==> flow/design.v <==
module u_arith_add_stage (aclk, valid, bus, init, q);
  parameter integer DATA_W = 112;
  parameter integer EXT = 4;
  input aclk;
  input valid;
  input [DATA_W-1:0] bus;
  input init;
  output [DATA_W+EXT-1:0] q;
  reg [DATA_W-1:0] bus_q;
  reg init_q;
  reg [DATA_W+EXT-1:0] state;
  assign q = state;
  always @(posedge aclk) begin
    if (valid) begin
      bus_q <= bus;
      init_q <= init;
      state <= init_q ? bus_q : state + bus_q;
    end
  end
endmodule
* From RTL to reports: u_arith_add_stage
What the tools print for u_arith_add_stage, step after step.
Line numbers count from 1 in the design file above.
A cell with -- has no value.
- Design top :: u_arith_add_stage
- Clock :: aclk
- Library :: sky130hd
- Corner :: tt_025C_1v80

* Elaborated design
Yosys after proc, flatten, opt, wreduce and memory -nomap, before mapping. Enables and synchronous resets that opt folds into registers are not counted as muxes. Memory bits, and registers merged into a memory's read port (data or address), are not among the register bits. Print and check cells are not counted. Equal cells are merged and count once.
- Flip-flop bits (word level) :: 229
- Bits of input ports :: 115
- Output and inout bits :: 116
- Elaborated cells :: 6
- Add/subtract/negate cells :: 1
- Muxes and demuxes :: 1
** Operators with widths (count)
- 116-bit by 112-bit adder with 116-bit output :: 1
- 112-bit two-way mux :: 1

* Longest topological paths
Longest topological path by Yosys (ltp), each cell counted once; first at word level (registers and memories cut), then after technology mapping (sequential cells cut; the memories' decode and read muxes count).
- Depth in word-level cells :: 2
- ABC_AREA :: 0
- Mapped depth :: 16
- Depth with buffers taken out :: 16

* After synthesis
Source: synth_stat.txt of the flow (Yosys; design flattened, memories mapped). It holds for the ABC_AREA given above (unset counts as 0); a run with the other value may have another netlist.
Totals and module areas in this step are rounded.
** Cell types
- sky130_fd_sc_hd__edfxtp_1 :: count 229, total area 6.88E+03 um2
- sky130_fd_sc_hd__ha_1 :: count 112, total area 1.4E+03 um2
- sky130_fd_sc_hd__o21ai_0 :: count 183, total area 915.878 um2
- sky130_fd_sc_hd__nand2_1 :: count 217, total area 814.531 um2
- sky130_fd_sc_hd__a21oi_1 :: count 153, total area 765.734 um2
- sky130_fd_sc_hd__xnor2_1 :: count 62, total area 543.021 um2
- sky130_fd_sc_hd__a21o_1 :: count 72, total area 540.518 um2
- sky130_fd_sc_hd__xor2_1 :: count 49, total area 429.162 um2
- sky130_fd_sc_hd__nor2_1 :: count 88, total area 330.317 um2
- sky130_fd_sc_hd__nand4_1 :: count 50, total area 312.8 um2
- sky130_fd_sc_hd__clkbuf_1 :: count 62, total area 232.723 um2
- sky130_fd_sc_hd__o21bai_1 :: count 26, total area 195.187 um2
- sky130_fd_sc_hd__inv_1 :: count 29, total area 108.854 um2
- sky130_fd_sc_hd__nor3_1 :: count 21, total area 105.101 um2
- sky130_fd_sc_hd__nor2b_1 :: count 16, total area 100.096 um2
- sky130_fd_sc_hd__nand2b_1 :: count 15, total area 93.84 um2
- sky130_fd_sc_hd__a31oi_1 :: count 13, total area 81.328 um2
- sky130_fd_sc_hd__nand3_1 :: count 16, total area 80.077 um2
Other cell types: 56; their cells: 135.
- Cell count :: 1548
- Mapped area :: 15070 um2
- Area of sequential cells :: 6877 um2
- Mapped flip-flops :: 229
- Buffer cells :: 73

* Worst setup path after synthesis
Path of least setup slack by OpenSTA after synthesis, without wires, with an ideal clock, recovery checks aside; 20% of the period is set as input and as output delay. Where synthesis merged equal registers, the netlist keeps one of their names.
- Kind :: reg-to-reg
- Start :: register state[0]
- End :: register state[102]
- Clock period :: 4.79 ns
- Setup time :: 0.264 ns
- Launch time at the first pin :: 0.000 ns
- Arrival time :: 3.568 ns
- Data required time :: 4.526 ns
- Setup slack :: 0.959 ns
- Path delay :: 3.832 ns
- Stages on the path :: 17
- Buffers on the path :: 0
- Synthesis period reached :: 3.831 ns
"path delay" is the arrival time less input delay plus setup time.
"stages on the path" counts driving pins, that of a launching flip-flop among them; a cell with two outputs on the path counts twice.
"synthesis period reached" is the clock period less the worst setup slack; recovery checks do not enter. This is arithmetic on one report: input and output delays are still those of the set period (20% each).
The rows between start and end are the longest chain of elaborated cells between them; the timing report does not say that the signal goes this way. Where chains are equally long, one stands for them.
Each line given opens the expression or statement behind the cell; cells for indexed reads and writes are added by Yosys, which also makes memories of some case tables.
- Cells stage by stage :: sky130_fd_sc_hd__edfxtp_1 > sky130_fd_sc_hd__ha_1 > sky130_fd_sc_hd__fa_1 > sky130_fd_sc_hd__a211oi_1 > sky130_fd_sc_hd__o21ai_0 > sky130_fd_sc_hd__or3b_1 > sky130_fd_sc_hd__nor3_1 > sky130_fd_sc_hd__o31a_1 > sky130_fd_sc_hd__o22ai_2 > sky130_fd_sc_hd__o31ai_4 > sky130_fd_sc_hd__or2_2 > sky130_fd_sc_hd__a211oi_2 > sky130_fd_sc_hd__nor3_2 > sky130_fd_sc_hd__nor3_1 > sky130_fd_sc_hd__o41ai_1 > sky130_fd_sc_hd__xnor2_1 > sky130_fd_sc_hd__o21ai_1
- Length of the longest elaborated chain :: 2
- Elaborated cells between the ends (all ways) :: 2
- Source lines of those cells :: 1
- Those cells by class :: 1 x add/sub; 1 x mux
** RTL lines, path post-synthesis
- from (decl) :: RTL line 11 : reg [DATA_W+EXT-1:0] state;
- from (assign) :: RTL line 17 : state <= init_q ? bus_q : state + bus_q;
- 116-bit by 112-bit adder with 116-bit output :: RTL line 17
- 112-bit two-way mux :: RTL line 17
- to (assign) :: RTL line 17
- to (decl) :: RTL line 11

* Worst path after layout
From the final timing report of entry A: the path of least setup slack in the routed layout; clock arrival at registers is part of the times.
- Kind :: reg-to-reg
- Start :: register state[0]
- End :: register state[102]
- Clock period :: 4.79 ns
- Setup time :: 0.27 ns
- Launch time at the first pin :: 0.57 ns
- Arrival time :: 4.71 ns
- Data required time :: 5.10 ns
- Setup slack :: 0.39 ns
- Stages on the path :: 17
- Buffers on the path :: 0
The rows between start and end are the longest chain of elaborated cells between them; the timing report does not say that the signal goes this way. Where chains are equally long, one stands for them.
- Cells stage by stage :: sky130_fd_sc_hd__edfxtp_1 > sky130_fd_sc_hd__ha_1 > sky130_fd_sc_hd__fa_1 > sky130_fd_sc_hd__a211oi_1 > sky130_fd_sc_hd__o21ai_0 > sky130_fd_sc_hd__or3b_1 > sky130_fd_sc_hd__nor3_1 > sky130_fd_sc_hd__o31a_1 > sky130_fd_sc_hd__o22ai_2 > sky130_fd_sc_hd__o31ai_4 > sky130_fd_sc_hd__or2_2 > sky130_fd_sc_hd__a211oi_2 > sky130_fd_sc_hd__nor3_2 > sky130_fd_sc_hd__nor3_1 > sky130_fd_sc_hd__o41ai_1 > sky130_fd_sc_hd__xnor2_1 > sky130_fd_sc_hd__o21ai_1
- Length of the longest elaborated chain :: 2
- Elaborated cells between the ends (all ways) :: 2
- Source lines of those cells :: 1
- Those cells by class :: 1 x add/sub; 1 x mux
** RTL lines, path after layout
- from (decl) :: RTL line 11 : reg [DATA_W+EXT-1:0] state;
- from (assign) :: RTL line 17 : state <= init_q ? bus_q : state + bus_q;
- 116-bit by 112-bit adder with 116-bit output :: RTL line 17
- 112-bit two-way mux :: RTL line 17
- to (assign) :: RTL line 17
- to (decl) :: RTL line 11

Ticket comment

Settings and measured results of 3 stored flow runs for module u_arith_add_stage (sky130hd), not sorted in any way. The constraints put input and output delay at 20% of the set period each and load the outputs with 0.01 pF.
"achieved period" means the clock period less the worst setup slack. The figure is calculated, with input and output delays left at 20% of the set period.
"time used up by the worst setup path": the worst setup path's part of the clock period (all of it between registers, 20% less for each end at a port) less its slack. A launch clock that arrives late makes it longer, a capture clock that arrives late makes it shorter.
By "power consumption" is meant OpenSTA's value without simulated activity: inputs other than the clock are taken to toggle once in ten clock periods, and the tool carries that through the logic.
The measured numbers are rounded.

** Entry A
- Settings :: period_ns=4.79; CAP_MARGIN=20; CORE_MARGIN=2; CORE_UTILIZATION=40; SLEW_MARGIN=20
- Cell area after synthesis :: 15,070 um2
- Overall die area :: 39,250 um2
- Standard-cell area after layout :: 18,700 um2
- Utilization :: 50.0 %
- Worst slack on setup checks :: 0.390 ns
- Setup TNS :: 0.000 ns
- Worst hold slack :: 0.549 ns
- Power consumption :: 8,055 µW
- Achieved period :: 4.400 ns
- Time used up by the worst setup path :: 4.40 ns
- Worst setup path kind :: reg-to-reg

** Entry B
- Settings :: period_ns=3.19; CORE_UTILIZATION=63; SETUP_SLACK_MARGIN=0.79; PLACE_DENSITY_LB_ADDON=0.22; CORE_MARGIN=5; GPL_TIMING_DRIVEN=0; CAP_MARGIN=25; SLEW_MARGIN=20
- Outcome :: stopped before the end: routing reported GRT-0232

** Entry C
- Settings :: period_ns=2.73; CORE_UTILIZATION=65; CORE_MARGIN=4; CELL_PAD_IN_SITES_DETAIL_PLACEMENT=0; GPL_TIMING_DRIVEN=0; CAP_MARGIN=30; SLEW_MARGIN=40
- Outcome :: stopped before the end: routing reported DPL-0038
